==> flow/design.v <==
module switch #(
    parameter int DWIDTH = 2,
    parameter int LANES = 32,
    parameter int LOGN = $clog2(LANES)
) (
    input logic ck,
    input logic clr,
    input logic valid,
    input logic [LANES*DWIDTH-1:0] val,
    input logic [LOGN-1:0] choose,
    output logic [DWIDTH-1:0] data_out
);
    logic [LANES*DWIDTH-1:0] val_d1;
    logic [LOGN-1:0] choose_d1;
    always_ff @(posedge ck or posedge clr) begin
        if (clr) begin
            val_d1 <= 0;
            choose_d1 <= 0;
        end else if (valid) begin
            val_d1 <= val;
            choose_d1 <= choose;
        end
    end
    logic [DWIDTH-1:0] cur;
    always_comb begin
        cur = 0;
        for (int n = 0; n < LANES; n++)
            if (choose_d1 == n) cur = val_d1[n*DWIDTH +: DWIDTH];
    end
    always_ff @(posedge ck or posedge clr) begin
        if (clr) begin
            data_out <= 0;
        end else if (valid) begin
            data_out <= cur;
        end
    end
endmodule
---- From RTL to reports: switch ----
Tool output for the design above, in the order of the flow.
Lines are those of the file above, counted from 1.
Library cell names are shortened.
Not given: --
inputs
  design top .............................. switch
  clock ................................... ck
  standard-cell library ................... sky130hd
  timing corner ........................... tt_025C_1v80

---- After elaboration ----
Source: Yosys, flattened and elaborated, memories not mapped. Widths are those after wreduce; folded enables and synchronous resets count as part of the registers. Registers that Yosys merges into a memory's read port (data or address) are not register bits. Print and check cells do not count. Equal cells are merged and count once.
bit counts
  flip-flop bits (word level) ............. 71
  bits in latches ......................... 0
  memory bits (writable) .................. 0
  bits in read-only memories .............. 0
  word width x clocked read ports ......... 0
  memories ................................ 0
  input port bits ......................... 72
  word-level cells ........................ 67
operators by class
  add/subtract/negate cells ............... 0
  $mul .................................... 0
  divide/modulo/power cells ............... 0
  magnitude comparators ................... 0
  equal/unequal tests ..................... 31
  shift operators ......................... 0
  mux-type cells .......................... 32
  bitwise gates (word level) .............. 0
  reduce/logical cells .................... 1
operators with widths
  cell                                                                    count
  5-bit equality test (second input constant)                             16
  2-bit two-way mux                                                       32
  5-bit by 4-bit equality test with 1-bit output (second input constant)  8
  5-bit by 3-bit equality test with 1-bit output (second input constant)  4
  5-bit by 2-bit equality test with 1-bit output (second input constant)  2
  5-bit by 1-bit equality test with 1-bit output (second input constant)  1
  5-bit logical NOT                                                       1

---- Longest topological paths ----
Yosys ltp: most cells in a row. Word level: on the elaborated netlist, between registers, memories and ports. Mapped: between sequential cells and ports; inverters and the memories' decode and read muxes count.
depth
  depth in word-level cells ............... 33
  ABC_AREA ................................ 0
  depth in mapped cells ................... 8
  depth with buffers taken out ............ 5

---- Synthesis result ----
Yosys stat after the flow's synthesis: flattened, memories mapped to cells. It holds for the ABC_AREA given above (unset counts as 0); a run with the other value may have another netlist.
synthesis totals
  mapped cells ............................ 311
  cell area after synthesis ............... 3742.3 um^2
  area of sequential cells ................ 1776.7 um^2
  flip-flops .............................. 71
  buffer cells ............................ 25
cell types
  cell type  count  area in all (um^2)
  dfrtp_1    71     1.78E+03
  mux2_2     70     788.256
  buf_6      8      90.086
  o21ai_0    14     70.067
  nand2b_1   8      50.048
  a22oi_1    6      45.043
  nand2_1    12     45.043
  mux2i_1    4      40.038
  nor2b_1    6      37.536
  o221ai_1   4      35.034
  o311ai_2   2      32.531
  a211oi_1   4      30.029
  a21oi_1    6      30.029
  buf_2      6      30.029
  and3b_1    3      26.275
  buf_1      7      26.275
  inv_1      7      26.275
  nand4b_1   3      26.275
Other cell types: 41; their cells: 70.

---- Path before layout ----
Path of least setup slack by OpenSTA after synthesis, without wires, with an ideal clock, recovery checks aside; 20% of the period is set as input and as output delay. Where synthesis merged equal registers, the netlist keeps one of their names.
path after synthesis
  path kind ............................... register to register
  start ................................... register (no name shown)
  end ..................................... register data_out[0]
  period .................................. 2.03 ns
  library setup time ...................... 0.141 ns
  arrival ................................. 1.481 ns
  required time ........................... 1.889 ns
  slack ................................... 0.409 ns
  delay of the path ....................... 1.622 ns
  stages .................................. 8
  buffers on the path ..................... 2
  synthesis period reached ................ 1.621 ns
"delay of the path" = arrival - input delay + setup time.
"stages": output pins that drive a net of the path, with the launching flip-flop's if there is one; two outputs of one cell count as two.
"synthesis period reached" is the clock period less the worst setup slack; recovery checks do not enter. This is arithmetic on one report: input and output delays are still those of the set period (20% each).
The rows between start and end are the longest chain of elaborated cells between them; the timing report does not say that the signal goes this way. Where chains are equally long, one stands for them.
Each line given opens the expression or statement behind the cell; cells for indexed reads and writes are added by Yosys, which also makes memories of some case tables.
between the ends, after synthesis
  cells stage by stage .................... dfrtp_1 > buf_6 > buf_6 > o21ai_1 > o21ai_0 > or3_1 > a311oi_2 > o311ai_2
  cells in the longest elaborated chain ... 33
  elaborated cells on any way between the ends .. 64
  classes of those cells .................. eq/ne (31); mux (32); reduce/logical (1)
RTL lines, path after synthesis
  what                             line  source
  start: declaration               14
  start: assignment                18
  start: assignment                21
  5-bit logical NOT                28
  2-bit two-way mux (32 in a row)  28
  end: assignment                  32    data_out <= 0;
  end: assignment                  34    data_out <= cur;
  end: declaration                 11    output logic [DWIDTH-1:0] data_out

---- Timing after layout ----
From the final timing report of run 1: the path of least setup slack in the routed layout; clock arrival at registers is part of the times.
path after layout
  path kind ............................... register to register
  start ................................... register (no name shown)
  end ..................................... register data_out[0]
  period .................................. 2.03 ns
  library setup time ...................... 0.09 ns
  arrival ................................. 2.13 ns
  required time ........................... 2.28 ns
  slack ................................... 0.16 ns
  stages .................................. 7
  buffers on the path ..................... 1
The rows between start and end are the longest chain of elaborated cells between them; the timing report does not say that the signal goes this way. Where chains are equally long, one stands for them.
between the ends, after layout
  cells stage by stage .................... dfrtp_1 > buf_4 > nor3b_1 > o221ai_1 > o211ai_1 > a311oi_2 > o311ai_2
  cells in the longest elaborated chain ... 33
  elaborated cells on any way between the ends .. 64
  classes of those cells .................. eq/ne (31); mux (32); reduce/logical (1)
RTL lines, path after layout
  what                             line  source
  start: declaration               14
  start: assignment                18
  start: assignment                21
  5-bit logical NOT                28
  2-bit two-way mux (32 in a row)  28
  end: assignment                  32    data_out <= 0;
  end: assignment                  34    data_out <= cur;
  end: declaration                 11    output logic [DWIDTH-1:0] data_out

Hand-over note for switch

Measured results for switch: 3 stored runs of the Yosys and OpenROAD flow on sky130hd. The settings differ; the order carries no meaning. The constraints put input and output delay at 20% of the set period each and load the outputs with 0.01 pF.
"critical setup path time" is the time allowed to the run's worst setup path (the clock period less input and output delay, where it has them) less its slack. Clock arrival times count: a late capture clock shortens it, a late launch clock lengthens it.
"power consumption": no workload was simulated; the value follows from the tool's default switching activity.

---- run 1 ----
settings
  period_ns = 2.03
  CAP_MARGIN = 20
  CORE_MARGIN = 2
  CORE_UTILIZATION = 40
  SLEW_MARGIN = 20
results
  power consumption ....................... 3866 uW
  chip area after synthesis (Yosys) ....... 3742.3 um^2
  setup slack of the critical path ........ 0.155 ns
  standard-cell area after routing ........ 4864.7 um^2
  die outline area ........................ 10145.5 um^2
  critical setup path time ................ 1.87 ns
  type of the worst setup path ............ register to register

---- run 2 ----
settings
  period_ns = 2.21
  CORE_UTILIZATION = 42
  PLACE_DENSITY_LB_ADDON = 0.22
  HOLD_SLACK_MARGIN = 0.08
  CORE_MARGIN = 9
  CELL_PAD_IN_SITES_DETAIL_PLACEMENT = 0
  CTS_CLUSTER_DIAMETER = 377
  CAP_MARGIN = 15
  SLEW_MARGIN = 20
  MAX_ROUTING_LAYER = met4
results
  power consumption ....................... 3401 uW
  chip area after synthesis (Yosys) ....... 3742.3 um^2
  setup slack of the critical path ........ 0.305 ns
  standard-cell area after routing ........ 4808.4 um^2
  die outline area ........................ 12632.6 um^2
  critical setup path time ................ 1.90 ns
  type of the worst setup path ............ register to register

---- run 3 ----
settings
  period_ns = 2.71
  CORE_UTILIZATION = 30
  PLACE_DENSITY_LB_ADDON = 0.22
  HOLD_SLACK_MARGIN = 0.12
  CORE_ASPECT_RATIO = 1.88
  ABC_AREA = 0
  GPL_TIMING_DRIVEN = 1
  GPL_ROUTABILITY_DRIVEN = 0
  CTS_CLUSTER_DIAMETER = 292
  CAP_MARGIN = 30
  SLEW_MARGIN = 0
  MIN_ROUTING_LAYER = met1
  CORE_MARGIN = 2
results
  power consumption ....................... 2984 uW
  chip area after synthesis (Yosys) ....... 3742.3 um^2
  setup slack of the critical path ........ 0.512 ns
  standard-cell area after routing ........ 4845.9 um^2
  die outline area ........................ 13428.4 um^2
  critical setup path time ................ 2.20 ns
  type of the worst setup path ............ register to register

End of note.
